==> flow/design.v <==
module subtractor_stage #(
   parameter BITS = 10
) (
   input wire sys_clk,
   input wire [BITS-1:0] dataa,
   input wire [BITS-1:0] datab,
   input wire subtract,
   output reg [BITS-1:0] result,
   output reg cout
);
   reg [BITS-1:0] dataa_d1;
   always @(posedge sys_clk) begin
      dataa_d1 <= dataa;
   end
   reg [BITS-1:0] datab_d1;
   always @(posedge sys_clk) begin
      datab_d1 <= datab;
   end
   reg subtract_d1;
   always @(posedge sys_clk) begin
      subtract_d1 <= subtract;
   end
   wire [BITS-1:0] aux;
   assign aux = datab_d1 ^ {BITS{subtract_d1}};
   wire [BITS:0] cur;
   assign cur = dataa_d1 + aux + subtract_d1;
   always @(posedge sys_clk) begin
      result <= cur[BITS-1:0];
   end
   always @(posedge sys_clk) begin
      cout <= cur[BITS];
   end
endmodule
## Reports on subtractor_stage

The steps from the RTL of subtractor_stage to its reports follow in flow order.
Line numbers count from 1 in the design file above.
Operators: Yosys type, input widths -> output width; for muxes data width and select width s.
Not given: n/a

| set-up | value |
|---|---|
| design top | subtractor_stage |
| clock input | sys_clk |
| standard-cell library | sky130hd |
| timing corner | tt_025C_1v80 |

## Word level

Counts by Yosys on the flattened word-level netlist (proc, flatten, opt, wreduce; memories kept). Register bits leave out memories and registers merged into their read ports (data or address); mux counts leave out enables and synchronous resets folded into registers. Print and check cells are left out. Cells with the same type and inputs are merged into one.

| operators by class | value |
|---|---|
| bitwise gates (word level) | 1 |
| add/subtract/negate cells | 2 |

Operator list:

| cell | count |
|---|---|
| $add 10x10->11 | 1 |
| $add 11x1->11 | 1 |
| $xor 10x10->10 | 1 |

| storage and ports | value |
|---|---|
| bits of input ports | 22 |
| flip-flop bits (word level) | 32 |
| output and inout port bits | 11 |

## Depth

Yosys ltp: most cells in a row. Word level: on the elaborated netlist, between registers, memories and ports. Mapped: between sequential cells and ports; inverters and the memories' decode and read muxes count.

| depth | value |
|---|---|
| depth in word-level cells | 3 |
| ABC_AREA | 0 |
| gate-level depth with buffers | 9 |

## Mapped cells and area

Yosys stat after the flow's synthesis: flattened, memories mapped to cells. It holds for the ABC_AREA given above (unset counts as 0); a run with the other value may have another netlist.

Cell types:

| cell type | count | area in all (µm²) |
|---|---|---|
| sky130_fd_sc_hd__dfxtp_1 | 32 | 640.614 |
| sky130_fd_sc_hd__ha_1 | 10 | 125.12 |
| sky130_fd_sc_hd__xor2_1 | 13 | 113.859 |
| sky130_fd_sc_hd__xnor2_1 | 4 | 35.034 |
| sky130_fd_sc_hd__a21o_1 | 4 | 30.029 |
| sky130_fd_sc_hd__a21oi_1 | 5 | 25.024 |
| sky130_fd_sc_hd__fa_1 | 1 | 20.019 |
| sky130_fd_sc_hd__nand3_1 | 4 | 20.019 |
| sky130_fd_sc_hd__a31o_4 | 1 | 17.517 |
| sky130_fd_sc_hd__mux2_4 | 1 | 15.014 |
| sky130_fd_sc_hd__o21bai_1 | 2 | 15.014 |
| sky130_fd_sc_hd__a31oi_1 | 2 | 12.512 |
| sky130_fd_sc_hd__nor4_1 | 2 | 12.512 |
| sky130_fd_sc_hd__buf_6 | 1 | 11.261 |
| sky130_fd_sc_hd__inv_1 | 3 | 11.261 |
| sky130_fd_sc_hd__mux2i_1 | 1 | 10.01 |
| sky130_fd_sc_hd__nand3_2 | 1 | 10.01 |
| sky130_fd_sc_hd__nor2_1 | 2 | 7.507 |

Other cell types: 10; their cells: 10.

| mapped netlist | value |
|---|---|
| flip-flop cells | 32 |
| cell count | 99 |
| cell area after synthesis | 1191.1 µm² |

## Timing after synthesis

OpenSTA on the mapped netlist: ideal clock, no wires. The path of least setup slack (recovery checks aside). Input and output delay are each 20% of the period. Register names are those of the netlist, which keeps one name where synthesis merged equal registers.

| timing after synthesis | value |
|---|---|
| path type | register -> register |
| start point | register subtract_d1 |
| end point | register result[8] |
| path delay | 2067 ps |
| period | 2580 ps |
| slack | 513 ps |
| time at the first pin | 0 ps |
| stages on the path | 9 |
| arrival | 1995 ps |
| required time | 2508 ps |
| synthesis period reached | 2067 ps |

"path delay" is the arrival time less input delay plus setup time.
"stages on the path": output pins that drive a net of the path, with the launching flip-flop's if there is one; two outputs of one cell count as two.
"synthesis period reached" = period - worst setup slack (recovery checks aside). The figure is calculated, with input and output delays left at 20% of the set period.
Between the ends stands the longest chain of elaborated cells between them, by number of cells; it is not shown to be the way that was timed. Of several equally long chains one is given.
A line is the first line of the expression or statement that the cell stems from. Yosys adds cells for indexed reads and writes and turns some case tables into memories.

| on the way, after synthesis | value |
|---|---|
| cells stage by stage | sky130_fd_sc_hd__dfxtp_1 > sky130_fd_sc_hd__buf_6 > sky130_fd_sc_hd__mux2_4 > sky130_fd_sc_hd__fa_1 > sky130_fd_sc_hd__a21oi_1 > sky130_fd_sc_hd__o211ai_1 > sky130_fd_sc_hd__or3_1 > sky130_fd_sc_hd__a31oi_1 > sky130_fd_sc_hd__xnor2_1 |
| length of the longest elaborated chain | 3 |

RTL lines, path after synthesis:

| what | line | text |
|---|---|---|
| start: declaration | 19 | `reg subtract_d1;` |
| start: assignment | 21 | `subtract_d1 <= subtract;` |
| $xor 10x10->10 | 24 | `assign aux = datab_d1 ^ {BITS{subtract_d1}};` |
| $add 10x10->11 | 26 | `assign cur = dataa_d1 + aux + subtract_d1;` |
| $add 11x1->11 | 26 |  |
| end: assignment | 28 | `result <= cur[BITS-1:0];` |
| end: declaration | 8 | `output reg [BITS-1:0] result,` |

## Path in the finished layout

Path of least setup slack in the final report of job 1 (OpenROAD, finished layout, wires in). Where an end is a register, its clock arrival counts in the times.
The report prints the path's times to 10 ps; the period is as set.

| timing post-layout | value |
|---|---|
| path type | register -> register |
| start point | register datab_d1[0] |
| end point | register result[8] |
| required time | 2840 ps |
| time at the first pin | 320 ps |
| stages on the path | 8 |
| period | 2580 ps |
| arrival | 2420 ps |
| slack | 420 ps |

Between the ends stands the longest chain of elaborated cells between them, by number of cells; it is not shown to be the way that was timed. Of several equally long chains one is given.

| on the way, post-layout | value |
|---|---|
| cells stage by stage | sky130_fd_sc_hd__dfxtp_1 > sky130_fd_sc_hd__mux2_4 > sky130_fd_sc_hd__fa_1 > sky130_fd_sc_hd__a21oi_1 > sky130_fd_sc_hd__o211ai_1 > sky130_fd_sc_hd__or3_1 > sky130_fd_sc_hd__a31oi_1 > sky130_fd_sc_hd__xnor2_1 |
| length of the longest elaborated chain | 3 |

RTL lines, path post-layout:

| what | line | text |
|---|---|---|
| start: declaration | 15 | `reg [BITS-1:0] datab_d1;` |
| start: assignment | 17 | `datab_d1 <= datab;` |
| $xor 10x10->10 | 24 | `assign aux = datab_d1 ^ {BITS{subtract_d1}};` |
| $add 10x10->11 | 26 | `assign cur = dataa_d1 + aux + subtract_d1;` |
| $add 11x1->11 | 26 |  |
| end: assignment | 28 | `result <= cur[BITS-1:0];` |
| end: declaration | 8 | `output reg [BITS-1:0] result,` |

==> runs of subtractor_stage <==
Stored flow runs of subtractor_stage (3 of them; Yosys, OpenROAD, sky130hd). They differ in their settings and are not a sequence. Constraints: input delay and output delay 20% of the set period each, output load 0.01 pF.
"clock period achieved" means the clock period less the worst setup slack. The figure is calculated, with input and output delays left at 20% of the set period.
"worst setup path time" means the part of the period allowed to the worst setup path (the constraints hold back 20% at inputs and 20% at outputs) less its slack; where the path has registers, the arrival times of their clocks count too.
"power" rests on the timing tool's default activity at the inputs, not on a simulated workload.
"worst setup path time" is known to 10 ps.
Settings: - = not set for that run.

| run | period_ns | CAP_MARGIN | CORE_MARGIN | CORE_UTILIZATION | SLEW_MARGIN | PLACE_DENSITY_LB_ADDON | HOLD_SLACK_MARGIN | CORE_ASPECT_RATIO | ABC_AREA | MIN_ROUTING_LAYER | CELL_PAD_IN_SITES_DETAIL_PLACEMENT | TNS_END_PERCENT | GPL_TIMING_DRIVEN | MAX_ROUTING_LAYER | worst setup path time (ps) | critical path type | netlist area reported by Yosys (µm²) | post-route utilization (%) | clock period achieved (ps) | total negative slack (ps) | power (µW) | final worst hold slack (ps) | setup slack of the worst path (ps) | standard-cell area after routing (µm²) | die outline area (µm²) |
|---|---|---|---|---|---|---|---|---|---|---|---|---|---|---|---|---|---|---|---|---|---|---|---|---|---|
| job 1 | 2.58 | 20 | 2 | 40 | 20 | - | - | - | - | - | - | - | - | - | 2160 | register -> register | 1191.1 | 57.5 | 2165 | 0 | 1193 | 459 | 415 | 1599.0 | 3430.4 |
| job 2 | 1.5 | 20 | 2 | 30 | 10 | 0.25 | 0.24 | 0.56 | 0 | met2 | - | - | - | - | 2030 | register -> register | 1191.1 | 55.4 | 2027 | -2889 | 2641 | 454 | -527 | 2145.8 | 4511.9 |
| job 3 | 2.62 | 20 | 7 | 33 | 5 | 0.21 | - | 0.85 | 1 | met2 | 2 | 5 | 0 | met5 | 1830 | register -> register | 1268.7 | 48.3 | 1825 | 0 | 1384 | 470 | 795 | 1751.7 | 5782.5 |
